==> flow/design.v <==
module plus_blk #(
    parameter W = 80
) (
    input  logic CLK,
    input  logic nrst,
    input  logic [W-1:0] src1,
    input  logic [W-1:0] src2,
    input  logic [W-1:0] src3,
    output logic [W+1:0] s
);
    logic [W-1:0] src1_r;
    logic [W-1:0] src2_r;
    logic [W-1:0] src3_r;
    always_ff @(posedge CLK) begin
        if (!nrst) begin
            src1_r <= 0;
            src2_r <= 0;
            src3_r <= 0;
        end else begin
            src1_r <= src1;
            src2_r <= src2;
            src3_r <= src3;
        end
    end
    assign s = src1_r + src2_r + src3_r;
endmodule
### Tool chain data of plus_blk

What the tools print for plus_blk, step after step.
Line numbers count from 1 in the design file above.
Cell names lack the library's common part.
The mark -- stands for no value.

| inputs | value |
|---|---|
| top | plus_blk |
| clock input | CLK |
| cell library | sky130hd |
| library corner | tt_025C_1v80 |

### After elaboration

Source: Yosys, flattened and elaborated, memories not mapped. Widths are those after wreduce; folded enables and synchronous resets count as part of the registers. Registers that Yosys merges into a memory's read port (data or address) are not register bits. Print and check cells do not count. Equal cells are merged and count once.

| cells by class | value |
|---|---|
| add/sub/neg operators | 2 |
| multiply operators | 0 |
| div/mod/pow operators | 0 |
| magnitude comparators | 0 |
| equality and inequality tests | 0 |
| shift operators | 0 |
| multiplexer cells | 0 |
| bitwise logic cells | 0 |
| reductions and logical operators | 0 |

Operators by type and width:

| cell | count |
|---|---|
| adder 81 x 80 -> 82 bit | 1 |
| adder 80 x 80 -> 81 bit | 1 |

| storage and ports | value |
|---|---|
| register bits after elaboration | 240 |
| bits in latches | 0 |
| bits in writable memories | 0 |
| ROM bits | 0 |
| clocked read ports x word width | 0 |
| memories | 0 |
| bits of input ports | 242 |
| output and inout bits | 82 |
| cells after elaboration | 5 |

### Depth

Longest topological path by Yosys (ltp), each cell counted once; first at word level (registers and memories cut), then after technology mapping (sequential cells cut; the memories' decode and read muxes count).

| depth | value |
|---|---|
| depth after elaboration | 2 |
| ABC_AREA | 0 |
| mapped depth | 14 |

### Netlist

Source: synth_stat.txt of the flow (Yosys; design flattened, memories mapped). It holds for the ABC_AREA given above (unset counts as 0); a run with the other value may have another netlist.

| synthesis totals | value |
|---|---|
| cell count | 1378 |
| cell area after synthesis | 13220.2 um^2 |
| flip-flop cells | 240 |
| buffer cells | 65 |

Cell types:

| cell type | count | area in all (um^2) |
|---|---|---|
| dfxtp_1 | 240 | 4.8E+03 |
| fa_1 | 81 | 1.62E+03 |
| and2_1 | 244 | 1.53E+03 |
| ha_1 | 79 | 988.448 |
| a21oi_1 | 115 | 575.552 |
| xnor2_1 | 44 | 385.37 |
| nand2_1 | 82 | 307.795 |
| o21ai_0 | 51 | 255.245 |
| xor2_1 | 28 | 245.235 |
| clkbuf_1 | 59 | 221.462 |
| nor2_1 | 57 | 213.955 |
| nand4_1 | 34 | 212.704 |
| o21bai_1 | 25 | 187.68 |
| a21o_1 | 24 | 180.173 |
| inv_1 | 33 | 123.869 |
| nand3_1 | 16 | 80.077 |
| nor3_1 | 13 | 65.062 |
| a31oi_1 | 10 | 62.56 |

Not listed: further types 60, cells in them 143.

### Worst setup path after synthesis

Path of least setup slack by OpenSTA after synthesis, without wires, with an ideal clock, recovery checks aside; 20% of the period is set as input and as output delay. Where synthesis merged equal registers, the netlist keeps one of their names.

| timing path post-synthesis | value |
|---|---|
| path type | flip-flop to output port |
| start point | reg src1_r[2] |
| end point | out s[80] |
| period | 4950 ps |
| external output delay | 990 ps |
| launch time at the first pin | 0 ps |
| data arrival time | 3171 ps |
| data required time | 3960 ps |
| path slack | 789 ps |
| delay of the path | 3171 ps |
| stages on the path | 12 |
| period reached after synthesis | 4161 ps |

"delay of the path" = arrival - input delay + setup time.
At an output port there is no setup time.
"stages on the path": output pins that drive a net of the path, with the launching flip-flop's if there is one; two outputs of one cell count as two.
"period reached after synthesis" is the clock period less the worst setup slack; recovery checks do not enter. This is arithmetic on one report: input and output delays are still those of the set period (20% each).
Between the ends stands the longest chain of elaborated cells between them, by number of cells; it is not shown to be the way that was timed. Of several equally long chains one is given.
A line is the first line of the expression or statement that the cell stems from. Yosys adds cells for indexed reads and writes and turns some case tables into memories.

| between the ends, post-synthesis | value |
|---|---|
| cells stage by stage | dfxtp_1 -> fa_1 -> ha_1 -> a211oi_2 -> o21bai_1 -> o21a_1 -> a2111o_1 -> a31oi_4 -> o211ai_2 -> a2111oi_2 -> o41ai_1 -> xnor2_1 |
| cells in the longest elaborated chain | 2 |

Ends and longest elaborated chain, post-synthesis:

| element | line | source |
|---|---|---|
| from (decl) | 11 | `logic [W-1:0] src1_r;` |
| from (assign) | 16 | `src1_r <= 0;` |
| from (assign) | 20 | `src1_r <= src1;` |
| adder 80 x 80 -> 81 bit | 25 | `assign s = src1_r + src2_r + src3_r;` |
| adder 81 x 80 -> 82 bit | 25 |  |
| to (decl) | 9 | `output logic [W+1:0] s` |

### Path in the finished layout

From the final timing report of run 1: the path of least setup slack in the routed layout; clock arrival at registers is part of the times.
The path's times are printed in steps of 10 ps; the period is the one set.

| timing path post-layout | value |
|---|---|
| path type | flip-flop to output port |
| start point | reg src1_r[1] |
| end point | out s[75] |
| period | 7320 ps |
| external output delay | 1460 ps |
| launch time at the first pin | 530 ps |
| data arrival time | 4710 ps |
| data required time | 5860 ps |
| path slack | 1150 ps |
| stages on the path | 14 |

Between the ends stands the longest chain of elaborated cells between them, by number of cells; it is not shown to be the way that was timed. Of several equally long chains one is given.

| between the ends, post-layout | value |
|---|---|
| cells stage by stage | dfxtp_1 -> fa_1 -> ha_1 -> fa_1 -> a211oi_1 -> o211ai_1 -> nand3_1 -> a41o_1 -> a2111oi_2 -> o2111ai_1 -> a21oi_1 -> o21ai_1 -> a211oi_1 -> clkdlybuf4s50_1 |
| cells in the longest elaborated chain | 2 |

Ends and longest elaborated chain, post-layout:

| element | line | source |
|---|---|---|
| from (decl) | 11 | `logic [W-1:0] src1_r;` |
| from (assign) | 16 | `src1_r <= 0;` |
| from (assign) | 20 | `src1_r <= src1;` |
| adder 80 x 80 -> 81 bit | 25 | `assign s = src1_r + src2_r + src3_r;` |
| adder 81 x 80 -> 82 bit | 25 |  |
| to (decl) | 9 | `output logic [W+1:0] s` |

Flow measurements of plus_blk on sky130hd: 3 stored runs with different settings, listed in no order. Input and output delays are each 20% of the period that was set; the output load is 0.01 pF.
"critical setup path time" is the time allowed to the run's worst setup path (the clock period less input and output delay, where it has them) less its slack. Clock arrival times count: a late capture clock shortens it, a late launch clock lengthens it.
"total design power" rests on the timing tool's default activity at the inputs, not on a simulated workload.
"critical setup path time" is known to 10 ps.

#### Run 1

| setting | value |
|---|---|
| period_ns | `7.32` |
| CORE_UTILIZATION | `56` |
| SETUP_SLACK_MARGIN | `-0.42` |
| PLACE_DENSITY_LB_ADDON | `0.06` |
| CELL_PAD_IN_SITES_GLOBAL_PLACEMENT | `0` |
| CAP_MARGIN | `20` |
| MAX_ROUTING_LAYER | `met5` |
| CORE_MARGIN | `2` |
| SLEW_MARGIN | `20` |

| result | value |
|---|---|
| full die area | 24851.9 um^2 |
| setup slack of the worst path | 1147 ps |
| total design power | 4143 uW |
| standard-cell area after layout | 17475.5 um^2 |
| critical setup path time | 4710 ps |
| type of the worst setup path | flip-flop to output port |
| synthesized cell area | 13220.2 um^2 |

#### Run 2

| setting | value |
|---|---|
| period_ns | `3.33` |
| CORE_UTILIZATION | `43` |
| PLACE_DENSITY_LB_ADDON | `0.12` |
| CELL_PAD_IN_SITES_DETAIL_PLACEMENT | `2` |
| ABC_AREA | `1` |
| GPL_TIMING_DRIVEN | `1` |
| MIN_ROUTING_LAYER | `met2` |
| CAP_MARGIN | `20` |
| CORE_MARGIN | `2` |
| SLEW_MARGIN | `20` |

Incomplete, placement halted on DPL-0033.

#### Run 3

| setting | value |
|---|---|
| period_ns | `4.95` |
| CAP_MARGIN | `20` |
| CORE_MARGIN | `2` |
| CORE_UTILIZATION | `40` |
| SLEW_MARGIN | `20` |

| result | value |
|---|---|
| full die area | 34519.8 um^2 |
| setup slack of the worst path | -18 ps |
| total design power | 6045 uW |
| standard-cell area after layout | 18453.9 um^2 |
| critical setup path time | 3980 ps |
| type of the worst setup path | flip-flop to output port |
| synthesized cell area | 13220.2 um^2 |
